==> flow/design.v <==
module plus_mod #(
    parameter WD = 10
) (
    input clk_i,
    input rst_ni,
    input [WD-1:0] first,
    input [WD-1:0] second,
    input [WD-1:0] third,
    output [WD+1:0] result
);
    reg [WD+1:0] result_reg;
    always @(posedge clk_i) begin
        if (!rst_ni) begin
            result_reg <= 0;
        end else begin
            result_reg <= first + second + third;
        end
    end
    assign result = result_reg;
endmodule
---- Reports on plus_mod ----
Tool output for the design above, in the order of the flow.
Line numbers count from 1 in the design file above.
Operators carry their Yosys type and port widths (W data, S select, Z words).
Library cell names are shortened.
The mark -- stands for no value.
set-up
  top ..................................... plus_mod
  clock ................................... clk_i
  library ................................. sky130hd
  timing corner ........................... tt_025C_1v80

---- After elaboration ----
Yosys after proc, flatten, opt, wreduce and memory -nomap, before mapping. Enables and synchronous resets that opt folds into registers are not counted as muxes. Memory bits, and registers merged into a memory's read port (data or address), are not among the register bits. Print and check cells are not counted. Equal cells are merged and count once.
storage and ports
  register bits after elaboration ......... 12
  latch bits .............................. 0
  bits in writable memories ............... 0
  ROM bits ................................ 0
  word width x clocked read ports ......... 0
  memory cells ............................ 0
  input port bits ......................... 32
  output and inout bits ................... 12
  elaborated cells ........................ 3
cells by class
  $add $sub $neg .......................... 2
  multipliers ............................. 0
  div/mod/pow operators ................... 0
  $lt $le $gt $ge ......................... 0
  eq/ne operators ......................... 0
  shift-type cells ........................ 0
  multiplexer cells ....................... 0
  bitwise operators ....................... 0
  reductions and logical operators ........ 0
operators with widths
  cell              number
  $add A11 B10 Y12  1
  $add A10 B10 Y11  1

---- Depth ----
Depth = most cells in a row (Yosys ltp): at word level without a register or memory, in the mapped netlist without a sequential cell, where the memories' decode and read muxes count.
depth
  word-level depth ........................ 2
  ABC_AREA ................................ 0
  mapped depth ............................ 11
  mapped depth without buffers ............ 11

---- After synthesis ----
Yosys stat after the flow's synthesis: flattened, memories mapped to cells. It holds for the ABC_AREA given above (unset counts as 0); a run with the other value may have another netlist.
cells by type
  cell      number  total area (sq um)
  dfxtp_1   12      240.23
  fa_1      11      220.211
  ha_1      9       112.608
  inv_1     14      52.55
  nor2_1    9       33.782
  o21a_1    4       30.029
  xor2_1    3       26.275
  o21ai_0   5       25.024
  a211oi_1  3       22.522
  a21oi_1   4       20.019
  mux2i_1   2       20.019
  o32ai_2   1       16.266
  a21o_1    2       15.014
  nand2_1   4       15.014
  nor2b_4   1       13.763
  o22ai_2   1       12.512
  or3_1     2       12.512
  o31a_1    1       8.758
Other cell types: 7; their cells: 7.
mapped netlist
  mapped cells ............................ 95
  mapped area ............................. 0.0009397 sq mm
  area of sequential cells ................ 0.0002402 sq mm
  flip-flop cells ......................... 12
  buffers ................................. 0

---- Worst setup path after synthesis ----
Path of least setup slack by OpenSTA after synthesis, without wires, with an ideal clock, recovery checks aside; 20% of the period is set as input and as output delay. Where synthesis merged equal registers, the netlist keeps one of their names.
timing path post-synthesis
  path kind ............................... input port to flip-flop
  start point ............................. input first[1]
  end point ............................... register result_reg[9]
  clock period ............................ 2.9 ns
  input delay ............................. 0.580 ns
  library setup time ...................... 0.119 ns
  launch time at the first pin ............ 0.580 ns
  arrival ................................. 2.317 ns
  required time ........................... 2.781 ns
  setup slack ............................. 0.464 ns
  delay of the path ....................... 1.856 ns
  stages on the path ...................... 9
  buffers on the path ..................... 0
  synthesis period reached ................ 2.436 ns
"delay of the path" = arrival - input delay + setup time.
"stages on the path": output pins that drive a net of the path, with the launching flip-flop's if there is one; two outputs of one cell count as two.
"synthesis period reached" = period - worst setup slack (recovery checks aside). The figure is calculated, with input and output delays left at 20% of the set period.
Between the ends stands the longest chain of elaborated cells between them, by number of cells; it is not shown to be the way that was timed. Of several equally long chains one is given.
A line is the first line of the expression or statement that the cell stems from. Yosys adds cells for indexed reads and writes and turns some case tables into memories.
between the ends, post-synthesis
  path through ............................ fa_1 -> ha_1 -> inv_1 -> fa_1 -> nor2b_4 -> o31a_1 -> o32ai_2 -> xor2_1 -> nor2_1
  cells in the longest elaborated chain ... 2
  elaborated cells on any way between the ends .. 2
  RTL lines with such cells ............... 1
  those cells by class .................... add/sub (2)
ends and longest elaborated chain, post-synthesis
  what              line  RTL
  from (decl)       6     input [WD-1:0] first,
  $add A10 B10 Y11  16    result_reg <= first + second + third;
  $add A11 B10 Y12  16
  to (assign)       14    result_reg <= 0;
  to (assign)       16
  to (decl)         11    reg [WD+1:0] result_reg;

---- Path in the finished layout ----
Path of least setup slack in the final report of flow run A (OpenROAD, finished layout, wires in). Where an end is a register, its clock arrival counts in the times.
timing path post-layout
  path kind ............................... input port to flip-flop
  start point ............................. input first[1]
  end point ............................... register result_reg[7]
  clock period ............................ 2.9 ns
  input delay ............................. 0.58 ns
  library setup time ...................... 0.07 ns
  launch time at the first pin ............ 0.58 ns
  arrival ................................. 2.91 ns
  required time ........................... 3.10 ns
  setup slack ............................. 0.19 ns
  stages on the path ...................... 10
  buffers on the path ..................... 1
Between the ends stands the longest chain of elaborated cells between them, by number of cells; it is not shown to be the way that was timed. Of several equally long chains one is given.
between the ends, post-layout
  path through ............................ clkdlybuf4s50_1 -> fa_1 -> ha_1 -> inv_1 -> fa_1 -> nor2b_4 -> o31a_1 -> o21a_1 -> nor2_1 -> mux2i_1
  cells in the longest elaborated chain ... 2
  elaborated cells on any way between the ends .. 2
  RTL lines with such cells ............... 1
  those cells by class .................... add/sub (2)
ends and longest elaborated chain, post-layout
  what              line  RTL
  from (decl)       6     input [WD-1:0] first,
  $add A10 B10 Y11  16    result_reg <= first + second + third;
  $add A11 B10 Y12  16
  to (assign)       14    result_reg <= 0;
  to (assign)       16
  to (decl)         11    reg [WD+1:0] result_reg;

Top module plus_mod; platform sky130hd; tools Yosys and OpenROAD; 3 stored runs in no particular order. Input and output delays are each 20% of the period that was set; the output load is 0.01 pF.
"achieved period" is the run's clock period less its worst setup slack. It is reckoned from that one timing run; input and output delays stay at 20% of the period that was set.
"critical setup path time" means the part of the period allowed to the worst setup path (the constraints hold back 20% at inputs and 20% at outputs) less its slack; where the path has registers, the arrival times of their clocks count too.
"power" is the tool's figure for a default switching activity; nothing was simulated.

---- flow run A ----
settings
  period_ns = 2.9
  CAP_MARGIN = 20
  CORE_MARGIN = 2
  CORE_UTILIZATION = 40
  SLEW_MARGIN = 20
results
  chip area after synthesis (Yosys) ....... 0.0009397 sq mm
  area of the standard cells in the finished layout .. 0.0014564 sq mm
  worst slack on setup checks ............. 0.195 ns
  utilization ............................. 0.658
  power ................................... 705.9 uW
  full die area ........................... 0.0027526 sq mm
  achieved period ......................... 2.705 ns
  critical setup path time ................ 2.13 ns
  worst path kind ......................... input port to flip-flop
  post-route setup TNS .................... 0.000 ns

---- flow run B ----
settings
  period_ns = 3.2
  CORE_UTILIZATION = 28
  SETUP_SLACK_MARGIN = 0.42
  PLACE_DENSITY_LB_ADDON = 0.12
  CORE_ASPECT_RATIO = 0.85
  CELL_PAD_IN_SITES_GLOBAL_PLACEMENT = 3
  TNS_END_PERCENT = 90
  CTS_CLUSTER_SIZE = 30
  CAP_MARGIN = 10
  SLEW_MARGIN = 30
  CORE_MARGIN = 2
results
  full die area ........................... 0.003837 sq mm
  worst slack on setup checks ............. 0.481 ns
  post-route setup TNS .................... 0.000 ns
  utilization ............................. 0.484
  power ................................... 705.4 uW
  chip area after synthesis (Yosys) ....... 0.0009397 sq mm
  critical setup path time ................ 2.08 ns
  worst path kind ......................... input port to flip-flop
  area of the standard cells in the finished layout .. 0.0015527 sq mm
  achieved period ......................... 2.719 ns

---- flow run C ----
settings
  period_ns = 4.18
  CORE_UTILIZATION = 63
  SETUP_SLACK_MARGIN = 0.62
  PLACE_DENSITY_LB_ADDON = 0.12
  CORE_MARGIN = 5
  GPL_ROUTABILITY_DRIVEN = 0
  CTS_CLUSTER_SIZE = 99
  CAP_MARGIN = 25
  MAX_ROUTING_LAYER = met4
  SLEW_MARGIN = 20
results
  not finished: placement ended with error FLW-0024
